==> flow/design.v <==
module plus_blk #(
    parameter W = 28
) (
    input  logic CLK,
    input  logic nrst,
    input  logic [W-1:0] src1,
    input  logic [W-1:0] src2,
    input  logic [W-1:0] src3,
    output logic [W+1:0] s
);
    logic [W-1:0] src1_r;
    logic [W-1:0] src2_r;
    logic [W-1:0] src3_r;
    always_ff @(posedge CLK) begin
        if (!nrst) begin
            src1_r <= 0;
            src2_r <= 0;
            src3_r <= 0;
        end else begin
            src1_r <= src1;
            src2_r <= src2;
            src3_r <= src3;
        end
    end
    assign s = src1_r + src2_r + src3_r;
endmodule
### Tool chain data of plus_blk

What the tools print for plus_blk, step after step.
Lines are those of the file above, counted from 1.
Library cell names are shortened.
Not given: n/a

* top module: plus_blk
* clock port: CLK
* cell library: sky130hd
* timing corner: tt_025C_1v80

### Word-level counts

Yosys after proc, flatten, opt, wreduce and memory -nomap, before mapping. Enables and synchronous resets that opt folds into registers are not counted as muxes. Memory bits, and registers merged into a memory's read port (data or address), are not among the register bits. Print and check cells are not counted. Equal cells are merged and count once.

* flip-flop bits (word level): 84
* bits in latches: 0
* bits in read-only memories: 0
* output and inout bits: 30
* word width x clocked read ports: 0
* memories kept: 0
* memory bits (writable): 0

* order comparisons: 0
* equal/unequal tests: 0
* multiply operators: 0
* shift-type cells: 0
* div/mod/pow operators: 0
* $add $sub $neg: 2
* muxes and demuxes: 0
* bitwise logic cells: 0
* reductions and logical operators: 0

Operators with widths (count)
* adder 29 x 28 -> 30 bit: 1
* adder 28 x 28 -> 29 bit: 1

### Longest topological paths

Yosys ltp: most cells in a row. Word level: on the elaborated netlist, between registers, memories and ports. Mapped: between sequential cells and ports; inverters and the memories' decode and read muxes count.

* depth after elaboration: 2
* ABC_AREA: 0
* mapped depth: 12

### Mapped cells and area

Yosys stat after the flow's synthesis: flattened, memories mapped to cells. It holds for the ABC_AREA given above (unset counts as 0); a run with the other value may have another netlist.

* cell area after synthesis: 0.0042266 mm²
* flip-flop cells: 84
* cell count: 410
* buffers: 18
* sequential part of the area: 0.0016816 mm²

Cells by type
* dfxtp_1: count 84, total area 1.68E+03 µm²
* fa_1: count 29, total area 580.557 µm²
* and2_1: count 85, total area 531.76 µm²
* ha_1: count 27, total area 337.824 µm²
* xnor2_1: count 17, total area 148.893 µm²
* a21oi_1: count 24, total area 120.115 µm²
* xor2_1: count 9, total area 78.826 µm²
* o21ai_0: count 15, total area 75.072 µm²
* clkbuf_1: count 18, total area 67.565 µm²
* a21o_1: count 8, total area 60.058 µm²
* nand2_1: count 15, total area 56.304 µm²
* nor2_1: count 12, total area 45.043 µm²
* nand4_1: count 7, total area 43.792 µm²
* nand3_1: count 8, total area 40.038 µm²
* o21bai_1: count 5, total area 37.536 µm²
* inv_1: count 9, total area 33.782 µm²
* and3_1: count 4, total area 25.024 µm²
* o211ai_1: count 3, total area 22.522 µm²

Other cell types: 19; their cells: 31.

### Worst setup path after synthesis

Source: OpenSTA report_checks on the synthesized netlist (no wires, ideal clock, input and output delay 20% of the period each), path of least setup slack; recovery checks are left aside. Register names are those of the netlist, which keeps one name where synthesis merged equal registers.

* kind: register to output
* start: register src1_r[1]
* end: output port s[23]
* path buffers: 0
* path delay: 2.775 ns
* clock period: 4.34 ns
* arrival time: 2.775 ns
* data required time: 3.472 ns
* driving pins on the path: 11
* external output delay: 0.868 ns
* launch time at the first pin: 0.000 ns
* path slack: 0.697 ns
* period reached after synthesis: 3.643 ns

"path delay" is the arrival time less input delay plus setup time.
At an output port there is no setup time.
"driving pins on the path" counts driving pins, that of a launching flip-flop among them; a cell with two outputs on the path counts twice.
"period reached after synthesis" is the clock period less the worst setup slack; recovery checks do not enter. This is arithmetic on one report: input and output delays are still those of the set period (20% each).
Between the ends stands the longest chain of elaborated cells between them, by number of cells; it is not shown to be the way that was timed. Of several equally long chains one is given.
A line is the first line of the expression or statement that the cell stems from. Yosys adds cells for indexed reads and writes and turns some case tables into memories.

* path through: dfxtp_1 fa_1 ha_1 fa_1 a21o_1 a221oi_2 o21ai_1 a21o_1 and4_4 a211oi_2 xnor2_1
* cells in the longest elaborated chain: 2

Ends and longest elaborated chain, after synthesis
* start: declaration: line 11 `logic [W-1:0] src1_r;`
* start: assignment: line 16 `src1_r <= 0;`
* start: assignment: line 20 `src1_r <= src1;`
* adder 28 x 28 -> 29 bit: line 25 `assign s = src1_r + src2_r + src3_r;`
* adder 29 x 28 -> 30 bit: line 25
* end: declaration: line 9 `output logic [W+1:0] s`

### Path in the finished layout

Path of least setup slack in the final report of job 1 (OpenROAD, finished layout, wires in). Where an end is a register, its clock arrival counts in the times.

* kind: register to output
* start: register src1_r[1]
* end: output port s[23]
* clock period: 6.33 ns
* external output delay: 1.27 ns
* launch time at the first pin: 0.36 ns
* path buffers: 1
* driving pins on the path: 12
* path slack: 1.16 ns
* data required time: 5.06 ns
* arrival time: 3.90 ns

Between the ends stands the longest chain of elaborated cells between them, by number of cells; it is not shown to be the way that was timed. Of several equally long chains one is given.

* path through: dfxtp_1 fa_1 ha_1 fa_1 a21o_1 a221oi_2 o21ai_1 a21o_1 and4_4 a211oi_2 xnor2_1 clkdlybuf4s50_1
* cells in the longest elaborated chain: 2

Ends and longest elaborated chain, post-layout
* start: declaration: line 11 `logic [W-1:0] src1_r;`
* start: assignment: line 16 `src1_r <= 0;`
* start: assignment: line 20 `src1_r <= src1;`
* adder 28 x 28 -> 29 bit: line 25 `assign s = src1_r + src2_r + src3_r;`
* adder 29 x 28 -> 30 bit: line 25
* end: declaration: line 9 `output logic [W+1:0] s`

Subject: flow runs of plus_blk

Hi,

Measured data: module plus_blk, platform sky130hd, 3 stored runs of the flow under differing settings, order arbitrary. Input and output delays are each 20% of the period that was set; the output load is 0.01 pF.
"achieved period" = clock period - worst setup slack. The figure is calculated, with input and output delays left at 20% of the set period.
By "worst path time" is meant the share of the clock period that the worst setup path is allowed (20% is reserved at inputs, 20% at outputs), minus its slack. Clock arrival times at its registers enter into it.

### Job 1

Settings: `period_ns=6.33`, `CORE_UTILIZATION=41`, `PLACE_DENSITY=0.5`, `CORE_ASPECT_RATIO=1.1`, `CELL_PAD_IN_SITES_DETAIL_PLACEMENT=0`, `TNS_END_PERCENT=20`, `GPL_ROUTABILITY_DRIVEN=1`, `CTS_CLUSTER_DIAMETER=103`, `MIN_ROUTING_LAYER=met2`, `MAX_ROUTING_LAYER=met4`, `CAP_MARGIN=20`, `CORE_MARGIN=2`, `SLEW_MARGIN=20`

- Synthesized cell area: 0.0042266 mm²
- Die area: 0.0111374 mm²
- Utilization: 56.8%
- Worst setup slack after layout: 1.162 ns
- Total negative slack: 0.000 ns
- Achieved period: 5.168 ns
- Worst path time: 3.90 ns
- Critical path type: register to output

### Job 2

Settings: `period_ns=4.34`, `CAP_MARGIN=20`, `CORE_MARGIN=2`, `CORE_UTILIZATION=40`, `SLEW_MARGIN=20`

- Synthesized cell area: 0.0042266 mm²
- Die area: 0.0114041 mm²
- Utilization: 57.0%
- Worst setup slack after layout: 0.080 ns
- Total negative slack: 0.000 ns
- Achieved period: 4.260 ns
- Worst path time: 3.39 ns
- Critical path type: register to output

### Job 3

Settings: `period_ns=2.38`, `CORE_UTILIZATION=62`, `PLACE_DENSITY_LB_ADDON=0.14`, `CELL_PAD_IN_SITES_GLOBAL_PLACEMENT=3`, `TNS_END_PERCENT=45`, `GPL_ROUTABILITY_DRIVEN=1`, `CTS_CLUSTER_SIZE=95`, `CAP_MARGIN=40`, `CORE_MARGIN=2`, `SLEW_MARGIN=20`

No results, placement failed with FLW-0024.

Regards
